==> flow/design.v <==
module gen_mul_v2_half_mul #(parameter N = 4) (
   input wire [N-1:0] a,
   input wire [N-1:0] b,
   output wire [2*N-1:0] p
);
   assign p = a * b;
endmodule
module gen_mul_v2 #(
   parameter BITS = 6
) (
   input  wire core_clk,
   input  wire [BITS-1:0] i_in0,
   input  wire [BITS-1:0] i_in1,
   output reg [2*BITS-1:0] o_q
);
   localparam LW = BITS / 2;
   wire [BITS-1:0] ll;
   gen_mul_v2_half_mul #(.N(LW)) el (.a(i_in0[LW-1:0]), .b(i_in1[LW-1:0]), .p(ll));
   wire [BITS-1:0] lh;
   gen_mul_v2_half_mul #(.N(LW)) unit (.a(i_in0[LW-1:0]), .b(i_in1[BITS-1:LW]), .p(lh));
   wire [BITS-1:0] hl;
   gen_mul_v2_half_mul #(.N(LW)) u (.a(i_in0[BITS-1:LW]), .b(i_in1[LW-1:0]), .p(hl));
   wire [BITS-1:0] hh;
   gen_mul_v2_half_mul #(.N(LW)) u0 (.a(i_in0[BITS-1:LW]), .b(i_in1[BITS-1:LW]), .p(hh));
   wire [BITS:0] aux = lh + hl;
   always @(posedge core_clk) begin
      o_q <= {hh, ll} + {aux, {LW{1'b0}}};
   end
endmodule
Step by step through the tools: gen_mul_v2 --
Tool output for the design above, in the order of the flow. Line numbers count from 1 in the design file above. Cell names lack the library's common part. Not given: --
Design: top gen_mul_v2, clock input core_clk, standard-cell library sky130hd, timing corner tt_025C_1v80

Word level --
Yosys after proc, flatten, opt, wreduce and memory -nomap, before mapping. Enables and synchronous resets that opt folds into registers are not counted as muxes. Memory bits, and registers merged into a memory's read port (data or address), are not among the register bits. Print and check cells are not counted. Equal cells are merged and count once.
Word-level totals: bits in registers 12, input port bits 13, cells after elaboration 7
Operators by class: add/subtract/negate cells 2, multipliers 4
Operators with widths (number):
- 3-bit by 3-bit multiplier with 6-bit output | 4
- 12-bit by 10-bit adder with 12-bit output | 1
- 6-bit by 6-bit adder with 7-bit output | 1

Longest topological paths --
Depth = most cells in a row (Yosys ltp): at word level without a register or memory, in the mapped netlist without a sequential cell, where the memories' decode and read muxes count.
Depth: depth in word-level cells 3, ABC_AREA 0, gate-level depth with buffers 17, gate-level depth less buffers 17

After synthesis --
Source: synth_stat.txt of the flow (Yosys; design flattened, memories mapped). It holds for the ABC_AREA given above (unset counts as 0); a run with the other value may have another netlist. Totals and module areas in this step are rounded.
Mapped netlist: cell count 159, synthesis area 1480 um^2, sequential area 240 um^2, flip-flops 12, buffer cells 0
Cells by type:
- ha_1 | number 28, total area 350.336 um^2
- fa_1 | number 14, total area 280.269 um^2
- dfxtp_1 | number 12, total area 240.23 um^2
- and2_1 | number 27, total area 168.912 um^2
- inv_1 | number 24, total area 90.086 um^2
- xnor2_1 | number 8, total area 70.067 um^2
- a21o_1 | number 6, total area 45.043 um^2
- nand2_1 | number 10, total area 37.536 um^2
- a211oi_2 | number 2, total area 25.024 um^2
- a21oi_1 | number 5, total area 25.024 um^2
- nand2b_1 | number 3, total area 18.768 um^2
- nor2_1 | number 5, total area 18.768 um^2
- xor2_1 | number 2, total area 17.517 um^2
- mux2i_1 | number 1, total area 10.01 um^2
- nor3_1 | number 2, total area 10.01 um^2
- nor4bb_1 | number 1, total area 10.01 um^2
- o21ai_1 | number 2, total area 10.01 um^2
- nand2b_2 | number 1, total area 8.758 um^2
Other cell types: 6; their cells: 6. The figures by module come from a second, unflattened synthesis with its own total; it is not the netlist above.
Unflattened totals: cell total of the unflattened synthesis 165, area (unflattened synthesis) 1510 um^2
Each row is one instance without its submodules.
Modules:
- gen_mul_v2_half_mul (N=3) | instances 4, cells 24, area 196 um^2, sequential area 0.0 um^2
- gen_mul_v2 | instances 1, cells 69, area 726 um^2, sequential area 240 um^2

Path before layout --
Path of least setup slack by OpenSTA after synthesis, without wires, with an ideal clock, recovery checks aside; 20% of the period is set as input and as output delay. Where synthesis merged equal registers, the netlist keeps one of their names.
Timing after synthesis: kind in2reg, from input port i_in0[0], to register o_q[10], clock period 5.48 ns, input delay 1.096 ns, launch time at the first pin 1.096 ns, arrival 4.476 ns, required time 5.354 ns, path slack 0.878 ns, path delay 3.506 ns, stages on the path 15, synthesis period reached 4.602 ns
"path delay" is the arrival time less input delay plus setup time. "stages on the path": output pins that drive a net of the path, with the launching flip-flop's if there is one; two outputs of one cell count as two. "synthesis period reached" = period - worst setup slack (recovery checks aside). The figure is calculated, with input and output delays left at 20% of the set period. Between the ends stands the longest chain of elaborated cells between them, by number of cells; it is not shown to be the way that was timed. Of several equally long chains one is given. Each line given opens the expression or statement behind the cell; cells for indexed reads and writes are added by Yosys, which also makes memories of some case tables.
Between the ends, after synthesis: cells stage by stage and2_1 > fa_1 > inv_1 > fa_1 > fa_1 > inv_1 > ha_1 > a21o_1 > a21oi_1 > xnor2_1 > ha_1 > a21o_1 > a31oi_1 > nor4bb_1 > nor3_1, cells in the longest elaborated chain 3, elaborated cells on any way between the ends 4, RTL lines with such cells 3, classes of those cells 2 x add/sub; 2 x mul
Ends and longest elaborated chain, after synthesis:
- start: declaration | line 12 | input  wire [BITS-1:0] i_in0,
- 3-bit by 3-bit multiplier with 6-bit output | line 6 | assign p = a * b;
- 6-bit by 6-bit adder with 7-bit output | line 25 | wire [BITS:0] aux = lh + hl;
- 12-bit by 10-bit adder with 12-bit output | line 27 | o_q <= {hh, ll} + {aux, {LW{1'b0}}};
- end: assignment | line 27
- end: declaration | line 14 | output reg [2*BITS-1:0] o_q

Path in the finished layout --
From the final timing report of entry A: the path of least setup slack in the routed layout; clock arrival at registers is part of the times.
Timing after layout: kind in2reg, from input port i_in0[1], to register o_q[10], clock period 5.48 ns, input delay 1.10 ns, launch time at the first pin 1.10 ns, arrival 5.31 ns, required time 5.60 ns, path slack 0.29 ns, stages on the path 16
Between the ends stands the longest chain of elaborated cells between them, by number of cells; it is not shown to be the way that was timed. Of several equally long chains one is given.
Between the ends, after layout: cells stage by stage clkdlybuf4s50_1 > and2_1 > fa_1 > inv_1 > fa_1 > fa_1 > inv_1 > ha_1 > a21o_1 > a21oi_1 > xnor2_1 > ha_1 > a21o_1 > a31oi_1 > nor4bb_1 > nor3_1, cells in the longest elaborated chain 3, elaborated cells on any way between the ends 4, RTL lines with such cells 3, classes of those cells 2 x add/sub; 2 x mul
Ends and longest elaborated chain, after layout:
- start: declaration | line 12 | input  wire [BITS-1:0] i_in0,
- 3-bit by 3-bit multiplier with 6-bit output | line 6 | assign p = a * b;
- 6-bit by 6-bit adder with 7-bit output | line 25 | wire [BITS:0] aux = lh + hl;
- 12-bit by 10-bit adder with 12-bit output | line 27 | o_q <= {hh, ll} + {aux, {LW{1'b0}}};
- end: assignment | line 27
- end: declaration | line 14 | output reg [2*BITS-1:0] o_q

FLOW RESULTS
============

Measured results for gen_mul_v2: 3 stored runs of the Yosys and OpenROAD flow on sky130hd. The settings differ; the order carries no meaning. The constraints put input and output delay at 20% of the set period each and load the outputs with 0.01 pF.
"achieved clock period" means the clock period less the worst setup slack. The figure is calculated, with input and output delays left at 20% of the set period.
"worst setup path time" is the time allowed to the run's worst setup path (the clock period less input and output delay, where it has them) less its slack. Clock arrival times count: a late capture clock shortens it, a late launch clock lengthens it.
"power" rests on the timing tool's default activity at the inputs, not on a simulated workload.
Measured values are rounded.
[entry A] settings: period_ns=5.48, CAP_MARGIN=20, CORE_MARGIN=2, CORE_UTILIZATION=40, SLEW_MARGIN=20
[entry A] result: chip area after synthesis (Yosys) 1480 um^2, die area 4190 um^2, standard-cell area of the final layout 1870 um^2, utilization 51.8%, worst setup slack after layout 0.293 ns, total negative slack 0.000 ns, worst hold slack 1.59 ns, power 541 uW, achieved clock period 5.187 ns, worst setup path time 4.09 ns, worst setup path kind in2reg
[entry B] settings: period_ns=4.39, CORE_UTILIZATION=16, PLACE_DENSITY_LB_ADDON=0.1, HOLD_SLACK_MARGIN=-0.04, CORE_ASPECT_RATIO=1.22, TNS_END_PERCENT=70, ABC_AREA=0, GPL_TIMING_DRIVEN=1, CTS_CLUSTER_DIAMETER=84, CAP_MARGIN=5, CORE_MARGIN=2, SLEW_MARGIN=20
[entry B] result: chip area after synthesis (Yosys) 1480 um^2, die area 10000 um^2, standard-cell area of the final layout 2280 um^2, utilization 25.5%, worst setup slack after layout 0.123 ns, total negative slack 0.000 ns, worst hold slack 0.927 ns, power 855 uW, achieved clock period 4.267 ns, worst setup path time 3.39 ns, worst setup path kind in2reg
[entry C] settings: period_ns=3.47, CORE_UTILIZATION=22, SETUP_SLACK_MARGIN=0.39, PLACE_DENSITY=0.84, CORE_ASPECT_RATIO=1.15, CTS_CLUSTER_DIAMETER=174, SLEW_MARGIN=40, CAP_MARGIN=20, CORE_MARGIN=2
[entry C] result: chip area after synthesis (Yosys) 1480 um^2, die area 7380 um^2, standard-cell area of the final layout 2280 um^2, utilization 34.6%, worst setup slack after layout -0.707 ns, total negative slack -3.41 ns, worst hold slack 0.680 ns, power 1220 uW, achieved clock period 4.177 ns, worst setup path time 3.48 ns, worst setup path kind in2reg
